==> flow/design.v <==
module alu_sub_unit_mod #(
    parameter int WIDTH = 24
) (
    input  logic sys_clk,
    input  logic [WIDTH-1:0] i_da,
    input  logic [WIDTH-1:0] i_db,
    output logic [WIDTH:0] o_result,
    output logic [WIDTH:0] o_out
);
    logic [WIDTH-1:0] r_da;
    logic [WIDTH-1:0] r_db;
    always_ff @(posedge sys_clk) begin
        r_da <= i_da;
        r_db <= i_db;
        o_result <= r_da + r_db;
        o_out <= r_da - r_db;
    end
endmodule
-- Reports on alu_sub_unit_mod
The steps from the RTL of alu_sub_unit_mod to its reports follow in flow order.
Line numbers count from 1 in the design file above.
Operators: Yosys type, input widths -> output width; for muxes data width and select width s.
Cell names lack the library's common part.
Not given: n/a
- design top: alu_sub_unit_mod
- clock port: sys_clk
- cell library: sky130hd
- corner: tt_025C_1v80

-- Word-level counts
Source: Yosys, flattened and elaborated, memories not mapped. Widths are those after wreduce; folded enables and synchronous resets count as part of the registers. Registers that Yosys merges into a memory's read port (data or address) are not register bits. Print and check cells do not count. Equal cells are merged and count once.
- add/subtract/negate cells: 2
- operators with widths (operator ; number):
    $add 24x24->25 ; 1
    $sub 24x24->25 ; 1
- word-level cells: 6
- input bits: 49
- register bits: 98

-- Logic depth
Yosys ltp: most cells in a row. Word level: on the elaborated netlist, between registers, memories and ports. Mapped: between sequential cells and ports; inverters and the memories' decode and read muxes count.
- depth after elaboration at 1
- ABC_AREA at 0
- gate-level depth with buffers: 10
- mapped depth without buffers: 10

-- Netlist
Source: synth_stat.txt of the flow (Yosys; design flattened, memories mapped). It holds for the ABC_AREA given above (unset counts as 0); a run with the other value may have another netlist.
The area totals of this step are shown rounded.
- cell area after synthesis at 4600 um^2
- noted mapped flip-flops: 97
- cell count at 475
- sequential part of the area at 1900 um^2
- cells by type (type ; number ; total area (um^2)):
    dfxtp_1 ; 97 ; 1.94E+03
    ha_1 ; 48 ; 600.576
    xnor2_1 ; 38 ; 332.819
    a21oi_1 ; 49 ; 245.235
    inv_1 ; 43 ; 161.405
    o31ai_1 ; 15 ; 112.608
    nor2_1 ; 28 ; 105.101
    nand2_1 ; 16 ; 60.058
    nand2b_1 ; 9 ; 56.304
    o21bai_1 ; 7 ; 52.55
    nor2b_1 ; 8 ; 50.048
    nor4_1 ; 8 ; 50.048
    a21o_1 ; 6 ; 45.043
    buf_4 ; 6 ; 45.043
    nor3_1 ; 9 ; 45.043
    o21ai_0 ; 9 ; 45.043
    xor2_1 ; 5 ; 43.792
    buf_2 ; 8 ; 40.038
Other cell types: 41; their cells: 66.

-- Worst setup path after synthesis
Source: OpenSTA report_checks on the synthesized netlist (no wires, ideal clock, input and output delay 20% of the period each), path of least setup slack; recovery checks are left aside. Register names are those of the netlist, which keeps one name where synthesis merged equal registers.
- path kind: reg2reg
- start point: reg r_da[0]
- end point: reg o_out[24]
- driving pins on the path at 11
- buffers on the path at 0
- delay of the path at 2305 ps
- setup time: 122 ps
- period: 2880 ps
- noted data arrival time: 2183 ps
- launch time at the first pin at 0 ps
- slack: 575 ps
- required time at 2758 ps
- period reached after synthesis at 2305 ps
"delay of the path" is the arrival time less input delay plus setup time.
"driving pins on the path": output pins that drive a net of the path, with the launching flip-flop's if there is one; two outputs of one cell count as two.
"period reached after synthesis" is the clock period less the worst setup slack; recovery checks do not enter. This is arithmetic on one report: input and output delays are still those of the set period (20% each).
Between the ends stands the longest chain of elaborated cells between them, by number of cells; it is not shown to be the way that was timed. Of several equally long chains one is given.
Each line given opens the expression or statement behind the cell; cells for indexed reads and writes are added by Yosys, which also makes memories of some case tables.
- cell sequence: dfxtp_1 -> inv_1 -> ha_1 -> fa_1 -> nand2b_1 -> a21oi_1 -> o2111ai_1 -> o31ai_1 -> a31oi_1 -> o21ai_0 -> a21oi_1
- length of the longest elaborated chain at 1
- ends and longest elaborated chain, post-synthesis (what ; line ; RTL):
    start, declared ; 10 ; logic [WIDTH-1:0] r_da;
    start, assigned ; 13 ; r_da <= i_da;
    $sub 24x24->25 ; 16 ; o_out <= r_da - r_db;
    end, assigned ; 16 ;
    end, declared ; 8 ; output logic [WIDTH:0] o_out

-- Path in the finished layout
Path of least setup slack in the final report of job 1 (OpenROAD, finished layout, wires in). Where an end is a register, its clock arrival counts in the times.
The path's times are printed in steps of 10 ps; the period is the one set.
- path kind: reg2reg
- start point: reg r_da[0]
- end point: reg o_result[24]
- slack: 180 ps
- setup time: 130 ps
- driving pins on the path at 10
- required time at 3100 ps
- noted data arrival time: 2930 ps
- period: 2880 ps
- buffers on the path at 0
- launch time at the first pin at 350 ps
Between the ends stands the longest chain of elaborated cells between them, by number of cells; it is not shown to be the way that was timed. Of several equally long chains one is given.
- cell sequence: dfxtp_1 -> ha_1 -> fa_1 -> nor2b_1 -> o211ai_1 -> a211oi_1 -> nor2_2 -> o21ai_1 -> a2111oi_1 -> a21oi_1
- length of the longest elaborated chain at 1
- ends and longest elaborated chain, after layout (what ; line ; RTL):
    start, declared ; 10 ; logic [WIDTH-1:0] r_da;
    start, assigned ; 13 ; r_da <= i_da;
    $add 24x24->25 ; 15 ; o_result <= r_da + r_db;
    end, assigned ; 15 ;
    end, declared ; 7 ; output logic [WIDTH:0] o_result,

Add stored flow runs of alu_sub_unit_mod

Record of 3 stored runs of the RTL-to-layout flow on alu_sub_unit_mod, platform sky130hd. The runs are unordered. Constraints: input delay and output delay 20% of the set period each, output load 0.01 pF.
"period reached" is the run's clock period less its worst setup slack. It is reckoned from that one timing run; input and output delays stay at 20% of the period that was set.
By "critical path time" is meant the share of the clock period that the worst setup path is allowed (20% is reserved at inputs, 20% at outputs), minus its slack. Clock arrival times at its registers enter into it.
By "power consumption" is meant OpenSTA's value without simulated activity: inputs other than the clock are taken to toggle once in ten clock periods, and the tool carries that through the logic.
"critical path time" is given in steps of 10 ps.
Values from the reports are rounded here.

Job 1

==> flow/run.sh <==
#!/bin/bash
# the make line also repeats the synthesis and layout settings of config.mk as NAME=value (left out here)
make -C /OpenROAD-flow-scripts/flow DESIGN_CONFIG=/design/flow/config.mk WORK_HOME=/design/flow/orfs CLKGATE_MAP_FILE= finish
==> flow/config.mk <==
export PLATFORM = sky130hd
export DESIGN_NAME = alu_sub_unit_mod
export DESIGN_NICKNAME = alu_sub_unit_mod
export VERILOG_FILES = /design/flow/design.v
export SDC_FILE = /design/flow/constraint.sdc
export NUM_CORES = 4
export LEC_CHECK = 0
export CAP_MARGIN = 20
export CORE_MARGIN = 2
export CORE_UTILIZATION = 40
export SLEW_MARGIN = 20
==> flow/constraint.sdc <==
create_clock -name core_clock -period 2.88 [get_ports {sys_clk}]
set_input_delay 0.5760 -clock core_clock [delete_from_list [all_inputs] [get_ports {sys_clk}]]
set_output_delay 0.5760 -clock core_clock [all_outputs]
set_load 0.01 [all_outputs]

Measured in job 1:
- noted the cell area after synthesis: 4,600 um^2
- die outline area: 12,000 um^2
- standard-cell area after layout: 6,100 um^2
- final design utilization at 53%
- noted the worst setup slack after layout: 180 ps
- noted the setup total negative slack: 0 ps
- worst hold slack after layout: 530 ps
- noted the power consumption: 4,100 µW
- noted the period reached: 2,703 ps
- critical path time at 2,700 ps
- critical path kind: reg2reg

Job 2

==> flow/run.sh <==
#!/bin/bash
# the make line also repeats the synthesis and layout settings of config.mk as NAME=value (left out here)
make -C /OpenROAD-flow-scripts/flow DESIGN_CONFIG=/design/flow/config.mk WORK_HOME=/design/flow/orfs CLKGATE_MAP_FILE= finish
==> flow/config.mk <==
export PLATFORM = sky130hd
export DESIGN_NAME = alu_sub_unit_mod
export DESIGN_NICKNAME = alu_sub_unit_mod
export VERILOG_FILES = /design/flow/design.v
export SDC_FILE = /design/flow/constraint.sdc
export NUM_CORES = 4
export LEC_CHECK = 0
export ABC_AREA = 1
export CAP_MARGIN = 20
export CELL_PAD_IN_SITES_GLOBAL_PLACEMENT = 0
export CORE_MARGIN = 8
export CORE_UTILIZATION = 53
export CTS_CLUSTER_DIAMETER = 220
export GPL_ROUTABILITY_DRIVEN = 0
export GPL_TIMING_DRIVEN = 0
export HOLD_SLACK_MARGIN = 0.22
export PLACE_DENSITY_LB_ADDON = 0.02
export SETUP_SLACK_MARGIN = 0.04
export SLEW_MARGIN = 20
export TNS_END_PERCENT = 10
==> flow/constraint.sdc <==
create_clock -name core_clock -period 2.48 [get_ports {sys_clk}]
set_input_delay 0.4960 -clock core_clock [delete_from_list [all_inputs] [get_ports {sys_clk}]]
set_output_delay 0.4960 -clock core_clock [all_outputs]
set_load 0.01 [all_outputs]

Measured in job 2:
- noted the cell area after synthesis: 5,500 um^2
- die outline area: 14,000 um^2
- standard-cell area after layout: 6,800 um^2
- final design utilization at 67%
- noted the worst setup slack after layout: 450 ps
- noted the setup total negative slack: 0 ps
- worst hold slack after layout: 540 ps
- noted the power consumption: 4,100 µW
- noted the period reached: 2,034 ps
- critical path time at 2,030 ps
- critical path kind: reg2reg

Job 3

==> flow/run.sh <==
#!/bin/bash
# the make line also repeats the synthesis and layout settings of config.mk as NAME=value (left out here)
make -C /OpenROAD-flow-scripts/flow DESIGN_CONFIG=/design/flow/config.mk WORK_HOME=/design/flow/orfs CLKGATE_MAP_FILE= finish
==> flow/config.mk <==
export PLATFORM = sky130hd
export DESIGN_NAME = alu_sub_unit_mod
export DESIGN_NICKNAME = alu_sub_unit_mod
export VERILOG_FILES = /design/flow/design.v
export SDC_FILE = /design/flow/constraint.sdc
export NUM_CORES = 4
export LEC_CHECK = 0
export CAP_MARGIN = 5
export CORE_MARGIN = 6
export CORE_UTILIZATION = 48
export CTS_CLUSTER_SIZE = 65
export GPL_ROUTABILITY_DRIVEN = 0
export GPL_TIMING_DRIVEN = 0
export PLACE_DENSITY = 0.9
export SETUP_SLACK_MARGIN = 0.05
export SLEW_MARGIN = 20
export TNS_END_PERCENT = 55
==> flow/constraint.sdc <==
create_clock -name core_clock -period 2.52 [get_ports {sys_clk}]
set_input_delay 0.5040 -clock core_clock [delete_from_list [all_inputs] [get_ports {sys_clk}]]
set_output_delay 0.5040 -clock core_clock [all_outputs]
set_load 0.01 [all_outputs]

Measured in job 3:
- noted the cell area after synthesis: 4,600 um^2
- die outline area: 12,000 um^2
- standard-cell area after layout: 6,100 um^2
- final design utilization at 66%
- noted the worst setup slack after layout: 47 ps
- noted the setup total negative slack: 0 ps
- worst hold slack after layout: 550 ps
- noted the power consumption: 4,100 µW
- noted the period reached: 2,473 ps
- critical path time at 2,470 ps
- critical path kind: reg2reg
